==> flow/design.v <==
module ex_sum_block_rtl #(
  parameter int WIDTH = 12
) (
  input  logic CLK,
  input  logic [WIDTH-1:0] i_A,
  input  logic [WIDTH-1:0] i_B,
  input  logic i_ci,
  output logic [WIDTH-1:0] o_q,
  output logic o_cout
);
  logic [WIDTH-1:0] A_r;
  logic [WIDTH-1:0] B_r;
  logic ci_r;
  always_ff @(posedge CLK) begin
    A_r <= i_A;
    B_r <= i_B;
    ci_r <= i_ci;
  end
  logic [WIDTH:0] tmp;
  assign tmp = A_r + B_r + ci_r;
  assign o_q = tmp[WIDTH-1:0];
  assign o_cout = tmp[WIDTH];
endmodule
* Reports on ex_sum_block_rtl
Tool output for the design above, in the order of the flow. Line numbers count from 1 in the design file above. Cell names lack the library's common part. A cell with - has no value.
Design: design top ex_sum_block_rtl, clock input CLK, cell library sky130hd, corner tt_025C_1v80

* Elaborated design
Yosys after proc, flatten, opt, wreduce and memory -nomap, before mapping. Enables and synchronous resets that opt folds into registers are not counted as muxes. Memory bits, and registers merged into a memory's read port (data or address), are not among the register bits. Print and check cells are not counted. Equal cells are merged and count once.
Bit counts: bits in registers 25, output and inout bits 13, bits of input ports 26, cells after elaboration 5
Cells by class: add/sub/neg operators 2
Operators with widths (number):
- 12-bit by 12-bit adder with 13-bit output | 1
- 13-bit by 1-bit adder with 13-bit output | 1

* Depth
Depth = most cells in a row (Yosys ltp): at word level without a register or memory, in the mapped netlist without a sequential cell, where the memories' decode and read muxes count.
Depth: depth in word-level cells 2, ABC_AREA 0, gate-level depth with buffers 6, mapped depth without buffers 6

* Synthesis result
Yosys stat after the flow's synthesis: flattened, memories mapped to cells. It holds for the ABC_AREA given above (unset counts as 0); a run with the other value may have another netlist.
Synthesis totals: buffers 3, flip-flops 25, area of sequential cells 500.5 µm², cell area after synthesis 1147.4 µm², standard cells after synthesis 108
Cells by type:
- dfxtp_1 | number 25, total area 500.48 µm²
- ha_1 | number 11, total area 137.632 µm²
- a21o_1 | number 6, total area 45.043 µm²
- xnor2_1 | number 5, total area 43.792 µm²
- fa_1 | number 2, total area 40.038 µm²
- a21oi_1 | number 7, total area 35.034 µm²
- nand2b_1 | number 4, total area 25.024 µm²
- nand3_1 | number 4, total area 20.019 µm²
- nor2_1 | number 5, total area 18.768 µm²
- a2111oi_0 | number 2, total area 17.517 µm²
- a31o_2 | number 2, total area 17.517 µm²
- o311ai_0 | number 2, total area 17.517 µm²
- xor2_1 | number 2, total area 17.517 µm²
- o21ai_0 | number 3, total area 15.014 µm²
- or4_1 | number 2, total area 15.014 µm²
- a2111o_1 | number 1, total area 11.261 µm²
- buf_6 | number 1, total area 11.261 µm²
- nand2_1 | number 3, total area 11.261 µm²
Other cell types: 19; their cells: 21.

* Path before layout
Path of least setup slack by OpenSTA after synthesis, without wires, with an ideal clock, recovery checks aside; 20% of the period is set as input and as output delay. Where synthesis merged equal registers, the netlist keeps one of their names.
Timing path post-synthesis: path kind register -> output, start point reg A_r[0], end point out o_cout, data required time 2.568 ns, path delay 2.057 ns, period 3.21 ns, setup slack 0.511 ns, time at the first pin 0.000 ns, external output delay 0.642 ns, path buffers 0, stages on the path 7, arrival 2.057 ns, synthesis period reached 2.699 ns
"path delay" = arrival - input delay + setup time. At an output port there is no setup time. "stages on the path": output pins that drive a net of the path, with the launching flip-flop's if there is one; two outputs of one cell count as two. "synthesis period reached" is the clock period less the worst setup slack; recovery checks do not enter. This is arithmetic on one report: input and output delays are still those of the set period (20% each). Between the ends stands the longest chain of elaborated cells between them, by number of cells; it is not shown to be the way that was timed. Of several equally long chains one is given. A line is the first line of the expression or statement that the cell stems from. Yosys adds cells for indexed reads and writes and turns some case tables into memories.
Between the ends, post-synthesis: path through dfxtp_1 fa_1 fa_1 a211oi_1 o21ai_0 a31o_2 a31o_2, length of the longest elaborated chain 2, elaborated cells on any way between the ends 2, RTL lines with such cells 1, those cells by class add/sub (2)
Ends and longest elaborated chain, post-synthesis:
- from (decl) | RTL line 11 | logic [WIDTH-1:0] A_r;
- from (assign) | RTL line 15 | A_r <= i_A;
- 12-bit by 12-bit adder with 13-bit output | RTL line 20 | assign tmp = A_r + B_r + ci_r;
- 13-bit by 1-bit adder with 13-bit output | RTL line 20
- to (decl) | RTL line 9 | output logic o_cout

* Timing after layout
Path of least setup slack in the final report of flow run A (OpenROAD, finished layout, wires in). Where an end is a register, its clock arrival counts in the times.
Timing path after layout: path kind register -> output, start point reg A_r[0], end point out o_cout, time at the first pin 0.32 ns, stages on the path 8, arrival 3.04 ns, external output delay 0.91 ns, data required time 3.65 ns, path buffers 1, setup slack 0.61 ns, period 4.56 ns
Between the ends stands the longest chain of elaborated cells between them, by number of cells; it is not shown to be the way that was timed. Of several equally long chains one is given.
Between the ends, after layout: path through dfxtp_1 fa_1 fa_1 a211oi_1 o21ai_0 a31o_2 a31o_2 clkdlybuf4s50_1, length of the longest elaborated chain 2, elaborated cells on any way between the ends 2, RTL lines with such cells 1, those cells by class add/sub (2)
Ends and longest elaborated chain, after layout:
- from (decl) | RTL line 11 | logic [WIDTH-1:0] A_r;
- from (assign) | RTL line 15 | A_r <= i_A;
- 12-bit by 12-bit adder with 13-bit output | RTL line 20 | assign tmp = A_r + B_r + ci_r;
- 13-bit by 1-bit adder with 13-bit output | RTL line 20
- to (decl) | RTL line 9 | output logic o_cout

==> results <==
Stored flow runs of ex_sum_block_rtl (3 of them; Yosys, OpenROAD, sky130hd). They differ in their settings and are not a sequence. Constraints: input delay and output delay 20% of the set period each, output load 0.01 pF.
By "achieved clock period" is meant the clock period of the run minus its worst setup slack. This is arithmetic on one report: input and output delays are still those of the set period (20% each).
"worst setup path time" means the part of the period allowed to the worst setup path (the constraints hold back 20% at inputs and 20% at outputs) less its slack; where the path has registers, the arrival times of their clocks count too.
"power": no workload was simulated; the value follows from the tool's default switching activity.
[flow run A] settings: period_ns=4.56, CORE_UTILIZATION=48, PLACE_DENSITY_LB_ADDON=0.18, GPL_TIMING_DRIVEN=0, SLEW_MARGIN=20, MAX_ROUTING_LAYER=met5, CAP_MARGIN=20, CORE_MARGIN=2
[flow run A] result: chip area after synthesis (Yosys) 1147.4 µm², die area 2797.3 µm², standard-cell area of the final layout 1589.0 µm², utilization 0.711, worst setup slack after layout 0.608 ns, total negative slack 0.000 ns, worst hold slack 1.010 ns, power 506.1 µW, achieved clock period 3.952 ns, worst setup path time 3.04 ns, worst setup path kind register -> output
[flow run B] settings: period_ns=4.29, CORE_UTILIZATION=30, PLACE_DENSITY_LB_ADDON=0.18, CORE_MARGIN=7, TNS_END_PERCENT=20, CTS_CLUSTER_SIZE=11, MAX_ROUTING_LAYER=met4, CAP_MARGIN=20, SLEW_MARGIN=20
[flow run B] result: chip area after synthesis (Yosys) 1147.4 µm², die area 5751.7 µm², standard-cell area of the final layout 1619.0 µm², utilization 0.442, worst setup slack after layout 0.471 ns, total negative slack 0.000 ns, worst hold slack 1.021 ns, power 570.4 µW, achieved clock period 3.819 ns, worst setup path time 2.96 ns, worst setup path kind register -> output
[flow run C] settings: period_ns=3.21, CAP_MARGIN=20, CORE_MARGIN=2, CORE_UTILIZATION=40, SLEW_MARGIN=20
[flow run C] result: chip area after synthesis (Yosys) 1147.4 µm², die area 3312.6 µm², standard-cell area of the final layout 1592.8 µm², utilization 0.583, worst setup slack after layout 0.101 ns, total negative slack 0.000 ns, worst hold slack 0.758 ns, power 700 µW, achieved clock period 3.109 ns, worst setup path time 2.47 ns, worst setup path kind register -> output
